==> flow/design.v <==
module dp_barrel_blk (i_clk, RST, d, shamt, dout);
   parameter WIDTH = 128;
   localparam SEL_WIDTH = $clog2(WIDTH);
   input i_clk;
   input RST;
   input [WIDTH-1:0] d;
   input [SEL_WIDTH-1:0] shamt;
   output reg [WIDTH-1:0] dout;
   reg [WIDTH-1:0] d_q;
   reg [SEL_WIDTH-1:0] shamt_q;
   always @(posedge i_clk) begin
      if (RST) begin
         d_q <= 0;
         shamt_q <= 0;
      end else begin
         d_q <= d;
         shamt_q <= shamt;
      end
   end
   wire [2*WIDTH-1:0] nxt = {d_q, d_q} >> shamt_q;
   always @(posedge i_clk) begin
      if (RST) begin
         dout <= 0;
      end else begin
         dout <= nxt[WIDTH-1:0];
      end
   end
endmodule
* Tool chain data of dp_barrel_blk
Tool output for the design above, in the order of the flow. Line numbers count from 1 in the design file above. Operators: Yosys type, input widths -> output width; for muxes data width and select width s. A cell with -- has no value.
Inputs: design top dp_barrel_blk, clock i_clk, standard-cell library sky130hd, library corner tt_025C_1v80

* Word-level counts
Yosys after proc, flatten, opt, wreduce and memory -nomap, before mapping. Enables and synchronous resets that opt folds into registers are not counted as muxes. Memory bits, and registers merged into a memory's read port (data or address), are not among the register bits. Print and check cells are not counted. Equal cells are merged and count once.
Word-level totals: flip-flop bits (word level) 263, output and inout bits 128, cells after elaboration 4
Operators by class: shifts and indexed selects 1
Operator list (number):
- $shr 256x7->128 | 1

* Longest topological paths
Depth = most cells in a row (Yosys ltp): at word level without a register or memory, in the mapped netlist without a sequential cell, where the memories' decode and read muxes count.
Depth: depth in word-level cells 1, ABC_AREA 0, depth in mapped cells 9, gate-level depth less buffers 6

* After synthesis
Yosys stat after the flow's synthesis: flattened, memories mapped to cells. It holds for the ABC_AREA given above (unset counts as 0); a run with the other value may have another netlist.
Mapped netlist: standard cells after synthesis 1744, mapped area 16403.2 µm², sequential area 5265.0 µm², flip-flop cells 263, buffer cells 182
Cells by type:
- sky130_fd_sc_hd__dfxtp_1 | number 263, total area 5265.05 µm²
- sky130_fd_sc_hd__mux4_2 | number 128, total area 2.88E+03 µm²
- sky130_fd_sc_hd__a22oi_1 | number 372, total area 2.79E+03 µm²
- sky130_fd_sc_hd__mux2i_1 | number 125, total area 1251.2 µm²
- sky130_fd_sc_hd__nand2_1 | number 257, total area 964.675 µm²
- sky130_fd_sc_hd__nor2b_1 | number 139, total area 869.584 µm²
- sky130_fd_sc_hd__and3_1 | number 128, total area 800.768 µm²
- sky130_fd_sc_hd__a21oi_1 | number 128, total area 640.614 µm²
- sky130_fd_sc_hd__clkbuf_1 | number 119, total area 446.678 µm²
- sky130_fd_sc_hd__buf_2 | number 24, total area 120.115 µm²
- sky130_fd_sc_hd__buf_4 | number 14, total area 105.101 µm²
- sky130_fd_sc_hd__buf_1 | number 24, total area 90.086 µm²
- sky130_fd_sc_hd__o211ai_1 | number 12, total area 90.086 µm²
- sky130_fd_sc_hd__mux2_2 | number 3, total area 33.782 µm²
- sky130_fd_sc_hd__and2_1 | number 2, total area 12.512 µm²
- sky130_fd_sc_hd__nand2b_1 | number 2, total area 12.512 µm²
- sky130_fd_sc_hd__buf_6 | number 1, total area 11.261 µm²
- sky130_fd_sc_hd__nor2_1 | number 2, total area 7.507 µm²
- sky130_fd_sc_hd__or2_2 | number 1, total area 6.256 µm²

* Path before layout
OpenSTA on the mapped netlist: ideal clock, no wires. The path of least setup slack (recovery checks aside). Input and output delay are each 20% of the period. Register names are those of the netlist, which keeps one name where synthesis merged equal registers.
Timing after synthesis: kind register to register, from register shamt_q[2], to register dout[17], period 2.6 ns, setup time 0.059 ns, arrival time 2.019 ns, required time 2.541 ns, setup slack 0.522 ns, path delay 2.078 ns, stages on the path 6, buffers on the path 2, synthesis period reached 2.078 ns
"path delay" = arrival - input delay + setup time. "stages on the path" counts driving pins, that of a launching flip-flop among them; a cell with two outputs on the path counts twice. "synthesis period reached" = period - worst setup slack (recovery checks aside). The figure is calculated, with input and output delays left at 20% of the set period. Between the ends stands the longest chain of elaborated cells between them, by number of cells; it is not shown to be the way that was timed. Of several equally long chains one is given. Each line given opens the expression or statement behind the cell; cells for indexed reads and writes are added by Yosys, which also makes memories of some case tables.
Between the ends, after synthesis: path through sky130_fd_sc_hd__dfxtp_1 sky130_fd_sc_hd__buf_2 sky130_fd_sc_hd__buf_1 sky130_fd_sc_hd__mux4_2 sky130_fd_sc_hd__a22oi_1 sky130_fd_sc_hd__and3_1, cells in the longest elaborated chain 1, elaborated cells on any way between the ends 1, classes of those cells 1 x shift
Ends and longest elaborated chain, after synthesis:
- start: declaration | RTL line 10 | reg [SEL_WIDTH-1:0] shamt_q;
- start: assignment | RTL line 14 | shamt_q <= 0;
- start: assignment | RTL line 17 | shamt_q <= shamt;
- $shr 256x7->128 | RTL line 20 | wire [2*WIDTH-1:0] nxt = {d_q, d_q} >> shamt_q;
- end: assignment | RTL line 23 | dout <= 0;
- end: assignment | RTL line 25 | dout <= nxt[WIDTH-1:0];
- end: declaration | RTL line 8 | output reg [WIDTH-1:0] dout;

* Timing after layout
From the final timing report of flow run 1: the path of least setup slack in the routed layout; clock arrival at registers is part of the times.
Timing post-layout: kind register to register, from register shamt_q[1], to register dout[113], period 2.28 ns, setup time 0.07 ns, arrival time 3.09 ns, required time 2.79 ns, setup slack -0.30 ns, stages on the path 11, buffers on the path 4
Between the ends stands the longest chain of elaborated cells between them, by number of cells; it is not shown to be the way that was timed. Of several equally long chains one is given.
Between the ends, post-layout: path through sky130_fd_sc_hd__dfxtp_4 sky130_fd_sc_hd__buf_12 sky130_fd_sc_hd__buf_12 sky130_fd_sc_hd__buf_12 sky130_fd_sc_hd__mux2i_4 sky130_fd_sc_hd__buf_6 sky130_fd_sc_hd__a22oi_2 sky130_fd_sc_hd__nand2_2 sky130_fd_sc_hd__mux4_2 sky130_fd_sc_hd__a22oi_1 sky130_fd_sc_hd__and3_1, cells in the longest elaborated chain 1, elaborated cells on any way between the ends 1, classes of those cells 1 x shift
Ends and longest elaborated chain, post-layout:
- start: declaration | RTL line 10 | reg [SEL_WIDTH-1:0] shamt_q;
- start: assignment | RTL line 14 | shamt_q <= 0;
- start: assignment | RTL line 17 | shamt_q <= shamt;
- $shr 256x7->128 | RTL line 20 | wire [2*WIDTH-1:0] nxt = {d_q, d_q} >> shamt_q;
- end: assignment | RTL line 23 | dout <= 0;
- end: assignment | RTL line 25 | dout <= nxt[WIDTH-1:0];
- end: declaration | RTL line 8 | output reg [WIDTH-1:0] dout;

Ticket comment

3 stored runs of dp_barrel_blk in the flow (synthesis by Yosys, layout by OpenROAD, sky130hd cells), in arbitrary order. Constraints: input delay and output delay 20% of the set period each, output load 0.01 pF.
By "period achieved" is meant the clock period of the run minus its worst setup slack. This is arithmetic on one report: input and output delays are still those of the set period (20% each).
"time of the worst setup path": the worst setup path's part of the clock period (all of it between registers, 20% less for each end at a port) less its slack. A launch clock that arrives late makes it longer, a capture clock that arrives late makes it shorter.
By "total power after layout" is meant OpenSTA's value without simulated activity: inputs other than the clock are taken to toggle once in ten clock periods, and the tool carries that through the logic.

[flow run 1] flow files
==> flow/run.sh <==
#!/bin/bash
# the make line also repeats the synthesis and layout settings of config.mk as NAME=value (left out here)
make -C /OpenROAD-flow-scripts/flow DESIGN_CONFIG=/design/flow/config.mk WORK_HOME=/design/flow/orfs CLKGATE_MAP_FILE= finish
==> flow/config.mk <==
export PLATFORM = sky130hd
export DESIGN_NAME = dp_barrel_blk
export DESIGN_NICKNAME = dp_barrel_blk
export VERILOG_FILES = /design/flow/design.v
export SDC_FILE = /design/flow/constraint.sdc
export NUM_CORES = 4
export LEC_CHECK = 0
export ABC_AREA = 0
export CAP_MARGIN = 20
export CELL_PAD_IN_SITES_GLOBAL_PLACEMENT = 0
export CORE_ASPECT_RATIO = 0.77
export CORE_MARGIN = 2
export CORE_UTILIZATION = 29
export MAX_ROUTING_LAYER = met5
export PLACE_DENSITY = 0.39
export SETUP_SLACK_MARGIN = 0.56
export SLEW_MARGIN = 20
==> flow/constraint.sdc <==
create_clock -name core_clock -period 2.28 [get_ports {i_clk}]
set_input_delay 0.4560 -clock core_clock [delete_from_list [all_inputs] [get_ports {i_clk}]]
set_output_delay 0.4560 -clock core_clock [all_outputs]
set_load 0.01 [all_outputs]

[flow run 1] result: post-synthesis cell area 16403.2 µm²; period achieved 2.582 ns; full die area 58497.5 µm²; time of the worst setup path 2.58 ns; worst path kind register to register; setup slack of the critical path -0.302 ns; worst hold slack 0.139 ns; utilization after routing 0.451; total power after layout 16.281 mW; total negative slack -26.198 ns

[flow run 2] flow files
==> flow/run.sh <==
#!/bin/bash
# the make line also repeats the synthesis and layout settings of config.mk as NAME=value (left out here)
make -C /OpenROAD-flow-scripts/flow DESIGN_CONFIG=/design/flow/config.mk WORK_HOME=/design/flow/orfs CLKGATE_MAP_FILE= finish
==> flow/config.mk <==
export PLATFORM = sky130hd
export DESIGN_NAME = dp_barrel_blk
export DESIGN_NICKNAME = dp_barrel_blk
export VERILOG_FILES = /design/flow/design.v
export SDC_FILE = /design/flow/constraint.sdc
export NUM_CORES = 4
export LEC_CHECK = 0
export CAP_MARGIN = 20
export CORE_MARGIN = 2
export CORE_UTILIZATION = 40
export SLEW_MARGIN = 20
==> flow/constraint.sdc <==
create_clock -name core_clock -period 2.6 [get_ports {i_clk}]
set_input_delay 0.5200 -clock core_clock [delete_from_list [all_inputs] [get_ports {i_clk}]]
set_output_delay 0.5200 -clock core_clock [all_outputs]
set_load 0.01 [all_outputs]

[flow run 2] result: post-synthesis cell area 16403.2 µm²; period achieved 2.607 ns; full die area 42644.3 µm²; time of the worst setup path 2.61 ns; worst path kind register to register; setup slack of the critical path -0.007 ns; worst hold slack 0.232 ns; utilization after routing 0.526; total power after layout 13.357 mW; total negative slack -0.007 ns

[flow run 3] flow files
==> flow/run.sh <==
#!/bin/bash
# the make line also repeats the synthesis and layout settings of config.mk as NAME=value (left out here)
make -C /OpenROAD-flow-scripts/flow DESIGN_CONFIG=/design/flow/config.mk WORK_HOME=/design/flow/orfs CLKGATE_MAP_FILE= finish
==> flow/config.mk <==
export PLATFORM = sky130hd
export DESIGN_NAME = dp_barrel_blk
export DESIGN_NICKNAME = dp_barrel_blk
export VERILOG_FILES = /design/flow/design.v
export SDC_FILE = /design/flow/constraint.sdc
export NUM_CORES = 4
export LEC_CHECK = 0
export ABC_AREA = 0
export CAP_MARGIN = 0
export CELL_PAD_IN_SITES_DETAIL_PLACEMENT = 1
export CELL_PAD_IN_SITES_GLOBAL_PLACEMENT = 1
export CORE_MARGIN = 2
export CORE_UTILIZATION = 32
export CTS_CLUSTER_DIAMETER = 264
export GPL_ROUTABILITY_DRIVEN = 1
export PLACE_DENSITY = 0.89
export SLEW_MARGIN = 15
==> flow/constraint.sdc <==
create_clock -name core_clock -period 2.63 [get_ports {i_clk}]
set_input_delay 0.5260 -clock core_clock [delete_from_list [all_inputs] [get_ports {i_clk}]]
set_output_delay 0.5260 -clock core_clock [all_outputs]
set_load 0.01 [all_outputs]

[flow run 3] result: post-synthesis cell area 16403.2 µm²; period achieved 2.646 ns; full die area 53086.5 µm²; time of the worst setup path 2.65 ns; worst path kind register to register; setup slack of the critical path -0.016 ns; worst hold slack 0.471 ns; utilization after routing 0.425; total power after layout 13.321 mW; total negative slack -0.025 ns
